==> flow/design.v <==
module core_as_core #(
   parameter int DW = 18
) (
   input  logic clock,
   input  logic [DW-1:0] dataa,
   input  logic [DW-1:0] datab,
   output logic [DW-1:0] diff
);
   logic [DW-1:0] r_dataa;
   logic [DW-1:0] r_datab;
   always_ff @(posedge clock) begin
      r_dataa <= dataa;
      r_datab <= datab;
      diff <= (r_dataa > r_datab) ? r_dataa - r_datab : r_datab - r_dataa;
   end
endmodule
From RTL to reports: core_as_core
The steps from the RTL of core_as_core to its reports follow in flow order. Lines are those of the file above, counted from 1. Library cell names are shortened. Not given: --

Top: core_as_core. Clock port: clock. Standard-cell library: sky130hd. Timing corner: tt_025C_1v80.

Elaborated design
Yosys after proc, flatten, opt, wreduce and memory -nomap, before mapping. Enables and synchronous resets that opt folds into registers are not counted as muxes. Memory bits, and registers merged into a memory's read port (data or address), are not among the register bits. Print and check cells are not counted. Equal cells are merged and count once.

$lt $le $gt $ge: 1. For mux-type cells the number is 1. For add/sub/neg operators the number is 2.

Operator list (count): subtractor 18 bit (2); > comparator 18 bit (1); 2-to-1 mux 18 bit (1).

The figure for input bits is 37. The figure for elaborated cells is 7. Output and inout bits: 18. Under register bits stands 54.

Longest topological paths
Yosys ltp: most cells in a row. Word level: on the elaborated netlist, between registers, memories and ports. Mapped: between sequential cells and ports; inverters and the memories' decode and read muxes count.

The figure for depth in word-level cells is 2. Under ABC_AREA stands 0. Under depth in mapped cells stands 12. Under mapped depth without buffers stands 11.

After synthesis
Yosys stat after the flow's synthesis: flattened, memories mapped to cells. It holds for the ABC_AREA given above (unset counts as 0); a run with the other value may have another netlist.

Cells by type: dfxtp_1 (count 54, area in all 1.08E+03 um^2); ha_1 (count 35, area in all 437.92 um^2); inv_1 (count 47, area in all 176.419 um^2); xnor2_1 (count 11, area in all 96.342 um^2); a21oi_1 (count 19, area in all 95.091 um^2); mux2i_1 (count 8, area in all 80.077 um^2); a21o_1 (count 10, area in all 75.072 um^2); nor2_1 (count 15, area in all 56.304 um^2); nand2_1 (count 14, area in all 52.55 um^2); o21ai_0 (count 9, area in all 45.043 um^2); xor2_1 (count 5, area in all 43.792 um^2); fa_1 (count 2, area in all 40.038 um^2); buf_6 (count 3, area in all 33.782 um^2); a21oi_4 (count 2, area in all 32.531 um^2); nand4_1 (count 5, area in all 31.28 um^2); buf_2 (count 6, area in all 30.029 um^2); o211ai_1 (count 4, area in all 30.029 um^2); o21a_1 (count 4, area in all 30.029 um^2).

Not listed: further types 31, cells in them 55.

For sequential area the number is 1081.0 um^2. Under mapped area stands 2929.1 um^2. The entry for buffer cells reads 12. For mapped cells the number is 308. The figure for mapped flip-flops is 54.

Worst setup path after synthesis
Source: OpenSTA report_checks on the synthesized netlist (no wires, ideal clock, input and output delay 20% of the period each), path of least setup slack; recovery checks are left aside. Register names are those of the netlist, which keeps one name where synthesis merged equal registers.

Kind: register -> register. From: register r_dataa[0]. To: register diff[15]. The entry for path buffers reads 0. The figure for stages on the path is 12. Under slack stands 584 ps. For time at the first pin the number is 0 ps. The entry for period reads 2920 ps. Under setup time stands 72 ps. The figure for required time is 2848 ps. Under delay of the path stands 2336 ps. Arrival time: 2264 ps. Under period reached after synthesis stands 2336 ps.

"delay of the path" is the arrival time less input delay plus setup time. "stages on the path" counts driving pins, that of a launching flip-flop among them; a cell with two outputs on the path counts twice. "period reached after synthesis" is the clock period less the worst setup slack; recovery checks do not enter. This is arithmetic on one report: input and output delays are still those of the set period (20% each). Between the ends stands the longest chain of elaborated cells between them, by number of cells; it is not shown to be the way that was timed. Of several equally long chains one is given. A line is the first line of the expression or statement that the cell stems from. Yosys adds cells for indexed reads and writes and turns some case tables into memories.

Path through: dfxtp_1 > inv_1 > ha_1 > fa_1 > inv_1 > a21oi_1 > o21ai_0 > a22oi_2 > a21oi_4 > mux2_4 > o221ai_2 > xnor2_1. The figure for length of the longest elaborated chain is 2. The entry for elaborated cells on any way between the ends reads 4. Under RTL lines with such cells stands 1. Classes of those cells: add/sub: 2; compare: 1; mux: 1.

Ends and longest elaborated chain, after synthesis: start: declaration (RTL line 9) `logic [DW-1:0] r_dataa;`; start: assignment (RTL line 12) `r_dataa <= dataa;`; subtractor 18 bit (RTL line 14) `diff <= (r_dataa > r_datab) ? r_dataa - r_datab : r_datab - r_dataa;`; 2-to-1 mux 18 bit (RTL line 14); end: assignment (RTL line 14); end: declaration (RTL line 7) `output logic [DW-1:0] diff`.

Path in the finished layout
From the final timing report of run A: the path of least setup slack in the routed layout; clock arrival at registers is part of the times. The report prints the path's times to 10 ps; the period is as set.

Kind: register -> register. From: register r_dataa[0]. To: register diff[9]. Arrival time: 2880 ps. The entry for period reads 2920 ps. The entry for path buffers reads 1. For time at the first pin the number is 300 ps. Under setup time stands 80 ps. The figure for required time is 3140 ps. Under slack stands 260 ps. The figure for stages on the path is 13.

Between the ends stands the longest chain of elaborated cells between them, by number of cells; it is not shown to be the way that was timed. Of several equally long chains one is given.

Path through: dfxtp_1 > inv_1 > ha_1 > fa_1 > inv_1 > a21oi_1 > o21ai_0 > a22oi_2 > a21oi_4 > buf_4 > nor2_1 > a21oi_2 > xor2_1. The figure for length of the longest elaborated chain is 2. The entry for elaborated cells on any way between the ends reads 4. Under RTL lines with such cells stands 1. Classes of those cells: add/sub: 2; compare: 1; mux: 1.

Ends and longest elaborated chain, post-layout: start: declaration (RTL line 9) `logic [DW-1:0] r_dataa;`; start: assignment (RTL line 12) `r_dataa <= dataa;`; subtractor 18 bit (RTL line 14) `diff <= (r_dataa > r_datab) ? r_dataa - r_datab : r_datab - r_dataa;`; 2-to-1 mux 18 bit (RTL line 14); end: assignment (RTL line 14); end: declaration (RTL line 7) `output logic [DW-1:0] diff`.

Hand-over note for core_as_core

Module core_as_core, platform sky130hd: 3 stored runs of the flow (Yosys, OpenROAD) with differing settings, in no particular order. Input and output delays are each 20% of the period that was set; the output load is 0.01 pF. "achieved clock period" = clock period - worst setup slack. The figure is calculated, with input and output delays left at 20% of the set period. "worst setup path time": the worst setup path's part of the clock period (all of it between registers, 20% less for each end at a port) less its slack. A launch clock that arrives late makes it longer, a capture clock that arrives late makes it shorter. "total power of the final layout" is the tool's figure for a default switching activity; nothing was simulated. "worst setup path time" is given in steps of 10 ps.

Files of run A:
==> flow/run.sh <==
#!/bin/bash
# the make line also repeats the synthesis and layout settings of config.mk as NAME=value (left out here)
make -C /OpenROAD-flow-scripts/flow DESIGN_CONFIG=/design/flow/config.mk WORK_HOME=/design/flow/orfs CLKGATE_MAP_FILE= finish
==> flow/config.mk <==
export PLATFORM = sky130hd
export DESIGN_NAME = core_as_core
export DESIGN_NICKNAME = core_as_core
export VERILOG_FILES = /design/flow/design.v
export SDC_FILE = /design/flow/constraint.sdc
export NUM_CORES = 4
export LEC_CHECK = 0
export CAP_MARGIN = 20
export CORE_MARGIN = 2
export CORE_UTILIZATION = 40
export SLEW_MARGIN = 20
==> flow/constraint.sdc <==
create_clock -name core_clock -period 2.92 [get_ports {clock}]
set_input_delay 0.5840 -clock core_clock [delete_from_list [all_inputs] [get_ports {clock}]]
set_output_delay 0.5840 -clock core_clock [all_outputs]
set_load 0.01 [all_outputs]

Results of run A. The cell area after synthesis stands at 2,929.1 um^2. The measured lowest setup slack is 262 ps. For the setup total negative slack the run shows 0 ps. The total power of the final layout is 1,919 uW. The die footprint stands at 8,022.8 um^2. The lowest hold slack comes to 579 ps. The measured worst setup path time is 2,660 ps. Type of the worst setup path: register -> register. The std-cell area (final layout) comes to 3,619.7 um^2. The achieved clock period stands at 2,658 ps.

Files of run B:
==> flow/run.sh <==
#!/bin/bash
# the make line also repeats the synthesis and layout settings of config.mk as NAME=value (left out here)
make -C /OpenROAD-flow-scripts/flow DESIGN_CONFIG=/design/flow/config.mk WORK_HOME=/design/flow/orfs CLKGATE_MAP_FILE= finish
==> flow/config.mk <==
export PLATFORM = sky130hd
export DESIGN_NAME = core_as_core
export DESIGN_NICKNAME = core_as_core
export VERILOG_FILES = /design/flow/design.v
export SDC_FILE = /design/flow/constraint.sdc
export NUM_CORES = 4
export LEC_CHECK = 0
export CAP_MARGIN = 20
export CELL_PAD_IN_SITES_DETAIL_PLACEMENT = 2
export CORE_MARGIN = 8
export CORE_UTILIZATION = 57
export GPL_TIMING_DRIVEN = 0
export MAX_ROUTING_LAYER = met4
export PLACE_DENSITY_LB_ADDON = 0.06
export SLEW_MARGIN = 20
export TNS_END_PERCENT = 35
==> flow/constraint.sdc <==
create_clock -name core_clock -period 1.63 [get_ports {clock}]
set_input_delay 0.3260 -clock core_clock [delete_from_list [all_inputs] [get_ports {clock}]]
set_output_delay 0.3260 -clock core_clock [all_outputs]
set_load 0.01 [all_outputs]

Outcome of run B: no final report: placement broke off with DPL-0033.

Files of run C:
==> flow/run.sh <==
#!/bin/bash
# the make line also repeats the synthesis and layout settings of config.mk as NAME=value (left out here)
make -C /OpenROAD-flow-scripts/flow DESIGN_CONFIG=/design/flow/config.mk WORK_HOME=/design/flow/orfs CLKGATE_MAP_FILE= finish
==> flow/config.mk <==
export PLATFORM = sky130hd
export DESIGN_NAME = core_as_core
export DESIGN_NICKNAME = core_as_core
export VERILOG_FILES = /design/flow/design.v
export SDC_FILE = /design/flow/constraint.sdc
export NUM_CORES = 4
export LEC_CHECK = 0
export CAP_MARGIN = 35
export CELL_PAD_IN_SITES_DETAIL_PLACEMENT = 1
export CORE_ASPECT_RATIO = 0.55
export CORE_MARGIN = 3
export CORE_UTILIZATION = 58
export MIN_ROUTING_LAYER = met1
export PLACE_DENSITY = 0.58
export SETUP_SLACK_MARGIN = 0.25
export SLEW_MARGIN = 20
==> flow/constraint.sdc <==
create_clock -name core_clock -period 1.42 [get_ports {clock}]
set_input_delay 0.2840 -clock core_clock [delete_from_list [all_inputs] [get_ports {clock}]]
set_output_delay 0.2840 -clock core_clock [all_outputs]
set_load 0.01 [all_outputs]

Outcome of run C: no final report: placement broke off with DPL-0033.

End of note.
